==> flow/design.v <==
module dp_registers_stage #(
  parameter NWORDS = 6,
  parameter DATA_WIDTH = 32,
  parameter NR = 1,
  parameter WPORTS = 6,
  parameter AW = $clog2(NWORDS)
) (
  input wire i_clk,
  input wire clr,
  input wire [WPORTS-1:0] load_in,
  input wire [WPORTS*AW-1:0] wsel_in,
  input wire [WPORTS*DATA_WIDTH-1:0] d_in,
  input wire [NR*AW-1:0] ra_in,
  output wire [NR*DATA_WIDTH-1:0] dout_out
);
  reg [DATA_WIDTH-1:0] store [NWORDS-1:0];
  integer k;
  always @(posedge i_clk) begin
    for (k = 0; k < WPORTS; k = k + 1)
      if (load_in[k]) store[wsel_in[k*AW +: AW]] <= d_in[k*DATA_WIDTH +: DATA_WIDTH];
  end
  wire [NR*DATA_WIDTH-1:0] cur;
  genvar jj;
  generate
    for (jj = 0; jj < NR; jj = jj + 1) begin : stage
      assign cur[jj*DATA_WIDTH +: DATA_WIDTH] = store[ra_in[jj*AW +: AW]];
    end
  endgenerate
  reg [NR*DATA_WIDTH-1:0] r_dout;
  assign dout_out = r_dout;
  always @(posedge i_clk or posedge clr) begin
    if (clr) begin
      r_dout <= 0;
    end else begin
      r_dout <= cur;
    end
  end
endmodule
# From RTL to reports: dp_registers_stage

The steps from the RTL of dp_registers_stage to its reports follow in flow order.
Line numbers count from 1 in the design file above.
Cell names lack the library's common part.
Not given: --

Top: dp_registers_stage
Clock input: i_clk
Standard-cell library: sky130hd
Library corner: tt_025C_1v80

# After elaboration

Source: Yosys, flattened and elaborated, memories not mapped. Widths are those after wreduce; folded enables and synchronous resets count as part of the registers. Registers that Yosys merges into a memory's read port (data or address) are not register bits. Print and check cells do not count. Equal cells are merged and count once.
Memory sizes are those after Yosys's memory passes, which may raise the word count (mostly to a power of two), join words into wider ones and drop unused or constant bits.

Mux-type cells: 18

Operators by type and width:

| cell              | number |
| 32-bit 2-to-1 mux | 6 |
| 3-bit 2-to-1 mux  | 6 |
| 1-bit 2-to-1 mux  | 6 |

Bits in registers: 0
RAM bits: 192
Word width x clocked read ports: 32
Memory cells: 1
Input bits: 221
Output and inout bits: 32
Cells after elaboration: 19

Memories:

| name  | words | bits a word | rd ports | write ports | line | source |
| store | 6     | 32          | 1        | 6           | 16   | `reg [DATA_WIDTH-1:0] store [NWORDS-1:0];` |

# Longest topological paths

Longest topological path by Yosys (ltp), each cell counted once; first at word level (registers and memories cut), then after technology mapping (sequential cells cut; the memories' decode and read muxes count).

Depth after elaboration: 1
ABC_AREA: 1
Depth in mapped cells: 11
Gate-level depth less buffers: 10

# After synthesis

Yosys stat after the flow's synthesis: flattened, memories mapped to cells. It holds for the ABC_AREA given above (unset counts as 0); a run with the other value may have another netlist.

Cell types:

| type     | number | total area (um^2) |
| nand2_1  | 1608   | 6.04E+03 |
| edfxtp_1 | 192    | 5765.53 |
| nand3_1  | 497    | 2.49E+03 |
| inv_1    | 631    | 2.37E+03 |
| o21ai_0  | 324    | 1.62E+03 |
| dfrtp_1  | 32     | 800.768 |
| clkbuf_1 | 168    | 630.605 |
| o21ai_1  | 69     | 345.331 |
| a21oi_1  | 66     | 330.317 |
| buf_2    | 62     | 310.298 |
| nor2_1   | 76     | 285.274 |
| o22ai_1  | 32     | 200.192 |
| nor2_2   | 12     | 75.072 |
| buf_4    | 8      | 60.058 |
| inv_2    | 12     | 45.043 |
| buf_1    | 5      | 18.768 |
| nand2_2  | 3      | 18.768 |
| nand4_1  | 3      | 18.768 |

Other cell types: 6; their cells: 8.

Cell count: 3808
Cell area after synthesis: 21470.6 um^2
Sequential area: 6566.3 um^2
Mapped flip-flops: 224

# Path before layout

Path of least setup slack by OpenSTA after synthesis, without wires, with an ideal clock, recovery checks aside; 20% of the period is set as input and as output delay. Where synthesis merged equal registers, the netlist keeps one of their names.

Path kind: input to register
Start point: in load_in[2]
End point: mem store[1][0]
Clock period: 4100 ps
Input delay: 820 ps
Setup time: 654 ps
Arrival time: 2451 ps
Slack: 995 ps
Delay of the path: 2285 ps
Driving pins on the path: 5
Buffers on the path: 1
Synthesis period reached: 3105 ps

"delay of the path" = arrival - input delay + setup time.
"driving pins on the path" counts driving pins, that of a launching flip-flop among them; a cell with two outputs on the path counts twice.
"synthesis period reached" is the clock period less the worst setup slack; recovery checks do not enter. This is arithmetic on one report: input and output delays are still those of the set period (20% each).
Between the ends stands the longest chain of elaborated cells between them, by number of cells; it is not shown to be the way that was timed. Of several equally long chains one is given.
A line is the first line of the expression or statement that the cell stems from. Yosys adds cells for indexed reads and writes and turns some case tables into memories.
The path ends at the enable pin of a flip-flop; only ways to that pin are counted.

Path through: nand2_1 -> inv_1 -> nand2_1 -> clkbuf_1 -> o2111ai_1
Cells in the longest elaborated chain: 1

RTL lines, path after synthesis:

| item             | line | source |
| start, declared  | 10   | `input wire [WPORTS-1:0] load_in,` |
| 3-bit 2-to-1 mux | 20   | `if (load_in[k]) store[wsel_in[k*AW +: AW]] <= d_in[k*DATA_WIDTH +: DATA_WIDTH];` |
| end, declared    | 16   | `reg [DATA_WIDTH-1:0] store [NWORDS-1:0];` |

# Worst path after layout

Path of least setup slack in the final report of job 2 (OpenROAD, finished layout, wires in). Where an end is a register, its clock arrival counts in the times.
The report prints the path's times to 10 ps; the period is as set.

Path kind: input to register
Start point: in wsel_in[6]
End point: mem store[3][7]
Clock period: 2600 ps
Input delay: 520 ps
Setup time: 240 ps
Arrival time: 2400 ps
Slack: 520 ps
Driving pins on the path: 11
Buffers on the path: 2

Between the ends stands the longest chain of elaborated cells between them, by number of cells; it is not shown to be the way that was timed. Of several equally long chains one is given.

Path through: clkdlybuf4s50_1 -> nand2_1 -> nor2_2 -> buf_4 -> nand2_1 -> nand2_1 -> inv_1 -> nand2_1 -> nand2_1 -> nand2_1 -> nand2_1
Cells in the longest elaborated chain: 1

RTL lines, path post-layout:

| item             | line | source |
| start, declared  | 11   | `input wire [WPORTS*AW-1:0] wsel_in,` |
| 3-bit 2-to-1 mux | 20   | `if (load_in[k]) store[wsel_in[k*AW +: AW]] <= d_in[k*DATA_WIDTH +: DATA_WIDTH];` |
| end, declared    | 16   | `reg [DATA_WIDTH-1:0] store [NWORDS-1:0];` |

Subject: flow runs of dp_registers_stage

Hi,

Module dp_registers_stage, platform sky130hd: 3 stored runs of the flow (Yosys, OpenROAD) with differing settings, in no particular order. Input and output delays are each 20% of the period that was set; the output load is 0.01 pF.
"clock period reached" is the run's clock period less its worst setup slack. It is reckoned from that one timing run; input and output delays stay at 20% of the period that was set.
"critical setup path time" is the time allowed to the run's worst setup path (the clock period less input and output delay, where it has them) less its slack. Clock arrival times count: a late capture clock shortens it, a late launch clock lengthens it.
"total power of the final layout" rests on the timing tool's default activity at the inputs, not on a simulated workload.
"critical setup path time" is given in steps of 10 ps.

## Job 1

==> flow/run.sh <==
#!/bin/bash
# the make line also repeats the synthesis and layout settings of config.mk as NAME=value (left out here)
make -C /OpenROAD-flow-scripts/flow DESIGN_CONFIG=/design/flow/config.mk WORK_HOME=/design/flow/orfs CLKGATE_MAP_FILE= finish
==> flow/config.mk <==
export PLATFORM = sky130hd
export DESIGN_NAME = dp_registers_stage
export DESIGN_NICKNAME = dp_registers_stage
export VERILOG_FILES = /design/flow/design.v
export SDC_FILE = /design/flow/constraint.sdc
export NUM_CORES = 4
export LEC_CHECK = 0
export CAP_MARGIN = 25
export CELL_PAD_IN_SITES_GLOBAL_PLACEMENT = 2
export CORE_MARGIN = 10
export CORE_UTILIZATION = 49
export CTS_CLUSTER_DIAMETER = 83
export GPL_ROUTABILITY_DRIVEN = 1
export SLEW_MARGIN = 20
export TNS_END_PERCENT = 65
==> flow/constraint.sdc <==
create_clock -name core_clock -period 3.4 [get_ports {i_clk}]
set_input_delay 0.6800 -clock core_clock [delete_from_list [all_inputs] [get_ports {i_clk}]]
set_output_delay 0.6800 -clock core_clock [all_outputs]
set_load 0.01 [all_outputs]

Job 1: no results, placement failed with GPL-0301

## Job 2

==> flow/run.sh <==
#!/bin/bash
# the make line also repeats the synthesis and layout settings of config.mk as NAME=value (left out here)
make -C /OpenROAD-flow-scripts/flow DESIGN_CONFIG=/design/flow/config.mk WORK_HOME=/design/flow/orfs CLKGATE_MAP_FILE= finish
==> flow/config.mk <==
export PLATFORM = sky130hd
export DESIGN_NAME = dp_registers_stage
export DESIGN_NICKNAME = dp_registers_stage
export VERILOG_FILES = /design/flow/design.v
export SDC_FILE = /design/flow/constraint.sdc
export NUM_CORES = 4
export LEC_CHECK = 0
export ABC_AREA = 1
export CAP_MARGIN = 20
export CELL_PAD_IN_SITES_GLOBAL_PLACEMENT = 0
export CORE_ASPECT_RATIO = 1.09
export CORE_MARGIN = 2
export CORE_UTILIZATION = 38
export CTS_CLUSTER_DIAMETER = 347
export MAX_ROUTING_LAYER = met5
export PLACE_DENSITY_LB_ADDON = 0.05
export SLEW_MARGIN = 20
==> flow/constraint.sdc <==
create_clock -name core_clock -period 2.6 [get_ports {i_clk}]
set_input_delay 0.5200 -clock core_clock [delete_from_list [all_inputs] [get_ports {i_clk}]]
set_output_delay 0.5200 -clock core_clock [all_outputs]
set_load 0.01 [all_outputs]

| result of job 2 | value |
|---|---|
| standard-cell area of the final layout | 26917.1 um^2 |
| total power of the final layout | 12.309 mW |
| utilization in the final report | 48.4 % |
| critical setup path time | 1560 ps |
| worst setup path type | input to register |
| clock period reached | 2084 ps |
| setup total negative slack | 0 ps |
| setup slack of the worst path | 516 ps |
| total die area | 58420.3 um^2 |
| cell area after synthesis | 21470.6 um^2 |

## Job 3

==> flow/run.sh <==
#!/bin/bash
# the make line also repeats the synthesis and layout settings of config.mk as NAME=value (left out here)
make -C /OpenROAD-flow-scripts/flow DESIGN_CONFIG=/design/flow/config.mk WORK_HOME=/design/flow/orfs CLKGATE_MAP_FILE= finish
==> flow/config.mk <==
export PLATFORM = sky130hd
export DESIGN_NAME = dp_registers_stage
export DESIGN_NICKNAME = dp_registers_stage
export VERILOG_FILES = /design/flow/design.v
export SDC_FILE = /design/flow/constraint.sdc
export NUM_CORES = 4
export LEC_CHECK = 0
export CAP_MARGIN = 20
export CORE_MARGIN = 2
export CORE_UTILIZATION = 40
export SLEW_MARGIN = 20
==> flow/constraint.sdc <==
create_clock -name core_clock -period 4.1 [get_ports {i_clk}]
set_input_delay 0.8200 -clock core_clock [delete_from_list [all_inputs] [get_ports {i_clk}]]
set_output_delay 0.8200 -clock core_clock [all_outputs]
set_load 0.01 [all_outputs]

| result of job 3 | value |
|---|---|
| standard-cell area of the final layout | 20463.4 um^2 |
| total power of the final layout | 7.198 mW |
| utilization in the final report | 50.3 % |
| critical setup path time | 2210 ps |
| worst setup path type | input to register |
| clock period reached | 3028 ps |
| setup total negative slack | 0 ps |
| setup slack of the worst path | 1072 ps |
| total die area | 42669.1 um^2 |
| cell area after synthesis | 16413.2 um^2 |

Regards
